==> flow/design.v <==
module dp_ram_block_rtl (ck, write, wsel, wr_data, ra, rd);
  parameter NREGS = 8;
  parameter W = 2;
  localparam ADDR_WIDTH = $clog2(NREGS);
  input ck;
  input write;
  input [ADDR_WIDTH-1:0] wsel;
  input [W-1:0] wr_data;
  input [ADDR_WIDTH-1:0] ra;
  output [W-1:0] rd;
  reg [W-1:0] array [0:NREGS-1];
  always @(posedge ck) begin
    if (write)
      array[wsel] <= wr_data;
  end
  assign rd = array[ra];
endmodule
# Step by step through the tools: dp_ram_block_rtl
# Module dp_ram_block_rtl in several versions that differ in "NREGS"; each step lists the members.
# The RTL above is that of NREGS 8; lines are counted from 1 in the file of the member named.
# Cell names lack the library's common part.
# The mark - stands for no value.
# inputs
top_module,dp_ram_block_rtl
clk_port,ck
cell_library,sky130hd
pvt_corner,tt_025C_1v80

# Members of the sweep
# New or changed lines of each further member against the RTL above, in its own file; lines it lacks are not shown.
# changed_lines
NREGS,line,rtl
10,2,parameter NREGS = 10;
64,2,parameter NREGS = 64;
128,2,parameter NREGS = 128;

# Word-level counts
# Counts by Yosys on the flattened word-level netlist (proc, flatten, opt, wreduce; memories kept). Register bits leave out memories and registers merged into their read ports (data or address); mux counts leave out enables and synchronous resets folded into registers. Print and check cells are left out. Cells with the same type and inputs are merged into one.
# Memory sizes are those after Yosys's memory passes, which may raise the word count (mostly to a power of two), join words into wider ones and drop unused or constant bits.
# word_totals
NREGS,regBits,word_cells,mem_bits_rw,rom_bits,clocked_rd_ports_x_width,output_inout_bits,mem_count,latch_bits
8,0,4,16,0,0,2,1,0
10,0,4,20,0,0,2,1,0
64,0,4,128,0,0,2,1,0
128,0,4,256,0,0,2,1,0
# op_classes
NREGS,multipliers,n_reduce_logical,n_logic,div,muxes,n_cmp,n_eq,addsub,n_shift
8,0,0,0,0,3,0,0,0,0
10,0,0,0,0,3,0,0,0,0
64,0,0,0,0,3,0,0,0,0
128,0,0,0,0,3,0,0,0,0
# mem_list
NREGS,mem_shapes
8,array 8 x 2 bit 1R1W
10,array 10 x 2 bit 1R1W
64,array 64 x 2 bit 1R1W
128,array 128 x 2 bit 1R1W
# op_table
NREGS,operators
8,2-to-1 mux 3 bit: 1; 2-to-1 mux 2 bit: 1; 2-to-1 mux 1 bit: 1
10,2-to-1 mux 4 bit: 1; 2-to-1 mux 2 bit: 1; 2-to-1 mux 1 bit: 1
64,2-to-1 mux 6 bit: 1; 2-to-1 mux 2 bit: 1; 2-to-1 mux 1 bit: 1
128,2-to-1 mux 7 bit: 1; 2-to-1 mux 2 bit: 1; 2-to-1 mux 1 bit: 1

# Longest topological paths
# Yosys ltp: most cells in a row. Word level: on the elaborated netlist, between registers, memories and ports. Mapped: between sequential cells and ports; inverters and the memories' decode and read muxes count.
# logic_depth
NREGS,ltp_word,ABC_AREA,mapped_depth
8,1,0,2
10,1,0,4
64,1,0,7
128,1,0,9

# After synthesis
# The flow's flattened synthesis, as Yosys stat reports it; memories are mapped. The netlist is that of the ABC_AREA named above (0 if unset); the other value can give another one.
# Totals and module areas in this step are rounded.
# by_type
NREGS,type_list
8,edfxtp_1: 16; mux4_1: 4; mux2_2: 2; nor2_1: 6; nand2b_1: 3; nor3_1: 2; nand2_1: 2
10,edfxtp_1: 20; mux2i_1: 8; mux4_2: 2; nor2_1: 7; mux2_2: 2; nand3b_1: 2; nor3_1: 3; nand2b_1: 2; buf_6: 1; nand2_1: 3; o21ai_1: 2; or3b_2: 1
64,edfxtp_1: 128; mux4_2: 29; nor2_1: 70; nand2_1: 14; mux2i_1: 5; a22oi_1: 6; nor2b_1: 7; clkbuf_1: 11; nand3_1: 7; buf_6: 3; nand3b_1: 4; a311oi_1: 3; nand2b_1: 4; a22o_1: 2; a21o_1: 2; o21ai_0: 3; nand4_1: 2; mux2_2: 1; [+21]
128,edfxtp_1: 256; mux4_2: 51; nor2_1: 123; mux2i_1: 32; mux4_1: 5; a22oi_1: 16; mux2_2: 8; clkbuf_1: 21; nor3_1: 15; nand2_1: 16; nand3_1: 12; nor2b_1: 9; o22ai_1: 8; a21oi_1: 8; buf_6: 3; nand2b_1: 5; buf_2: 6; buf_12: 1; [+14]
# The mark [+n] counts cells that are not listed.
# mapped
NREGS,stdcells,flip_flops,synth_area_um2,seqArea_um2
8,35,16,666.9,480.5
10,53,20,858.3,600.6
64,322,128,5358,3844
128,609,256,10570,7687

# Path before layout
# OpenSTA on the mapped netlist: ideal clock, no wires. The path of least setup slack (recovery checks aside). Input and output delay are each 20% of the period. Register names are those of the netlist, which keeps one name where synthesis merged equal registers.
# synth_timing
NREGS,kind,startpoint,endpoint,path_slack_ns,tclk_ns,delay_ns,path_stages,synth_period_reached_ns
8,in2out,input ra[0],output rd[0],0.230,1.72,0.802,2,1.49
10,in2out,input ra[0],output rd[0],0.223,1.87,0.899,4,1.647
64,in2out,input ra[0],output rd[0],0.353,2.94,1.411,7,2.587
128,in2out,input ra[2],output rd[0],0.527,4.38,2.101,8,3.853
# "delay_ns" = arrival - input delay + setup time.
# At an output port there is no setup time.
# "path_stages": output pins that drive a net of the path, with the launching flip-flop's if there is one; two outputs of one cell count as two.
# "synth_period_reached_ns" = period - worst setup slack (recovery checks aside). The figure is calculated, with input and output delays left at 20% of the set period.
# Between the ends stands the longest chain of elaborated cells between them, by number of cells; it is not shown to be the way that was timed. Of several equally long chains one is given.
# A line is the first line of the expression or statement that the cell stems from. Yosys adds cells for indexed reads and writes and turns some case tables into memories.
# The chain passes a memory read, where the word-level depth is cut; so it can be longer than that depth.
# synth_via_NREGS_8
elab_chain_len,1
# synth_rtl_NREGS_8
item,line,rtl
"start, declared",9,input [ADDR_WIDTH-1:0] ra;
memory (8 x 2 bit),11,reg [W-1:0] array [0:NREGS-1];
"end, declared",10,output [W-1:0] rd;
# synth_via_NREGS_128
elab_chain_len,1
# synth_rtl_NREGS_128
item,line,rtl
"start, declared",9,input [ADDR_WIDTH-1:0] ra;
memory (128 x 2 bit),11,reg [W-1:0] array [0:NREGS-1];
"end, declared",10,output [W-1:0] rd;

# Worst path after layout
# From the final timing report of the run of each member: the path of least setup slack in the routed layout; clock arrival at registers is part of the times.
# layout_timing
NREGS,kind,startpoint,endpoint,path_slack_ns,arrival_ns,tclk_ns,path_stages
8,reg2out,memory array[1][0],output rd[0],-0.15,1.52,1.72,4
10,in2out,input ra[0],output rd[1],0.02,1.48,1.87,6
64,in2out,input ra[0],output rd[0],0.07,2.28,2.94,8
128,in2out,input ra[0],output rd[0],0.11,3.39,4.38,10

# Measured runs
# One run of the flow (Yosys, OpenROAD) for each member, with settings and measured results. Input and output delays are each 20% of the period that was set; the output load is 0.01 pF.
# flow_settings
CAP_MARGIN,20
CORE_MARGIN,2
CORE_UTILIZATION,40
SLEW_MARGIN,20
# settings_diff
NREGS,period_ns
8,1.72
10,1.87
64,2.94
128,4.38
# results
NREGS,achieved_period_ns,synth_area_um2,ws_setup_ns,timing.hold.ws_ns,totalPower_uw,final_setup_tns_ns,final_die_area_um2,stdcell_area_um2,utilization_pct
8,1.868,666.9,-0.148,0.831,707.3,-0.292,2010,812.0,52.7
10,1.849,858.3,0.021,0.868,795.4,0.000,2532,1109,55.4
64,2.869,5358,0.071,0.700,4269,0.000,14340,6589,50.2
128,4.266,10570,0.114,0.996,5193,0.000,27750,12220,47.0
# "achieved_period_ns" = clock period - worst setup slack. The figure is calculated, with input and output delays left at 20% of the set period.
# By "totalPower_uw" is meant OpenSTA's value without simulated activity: inputs other than the clock are taken to toggle once in ten clock periods, and the tool carries that through the logic.
# The results are shown rounded.
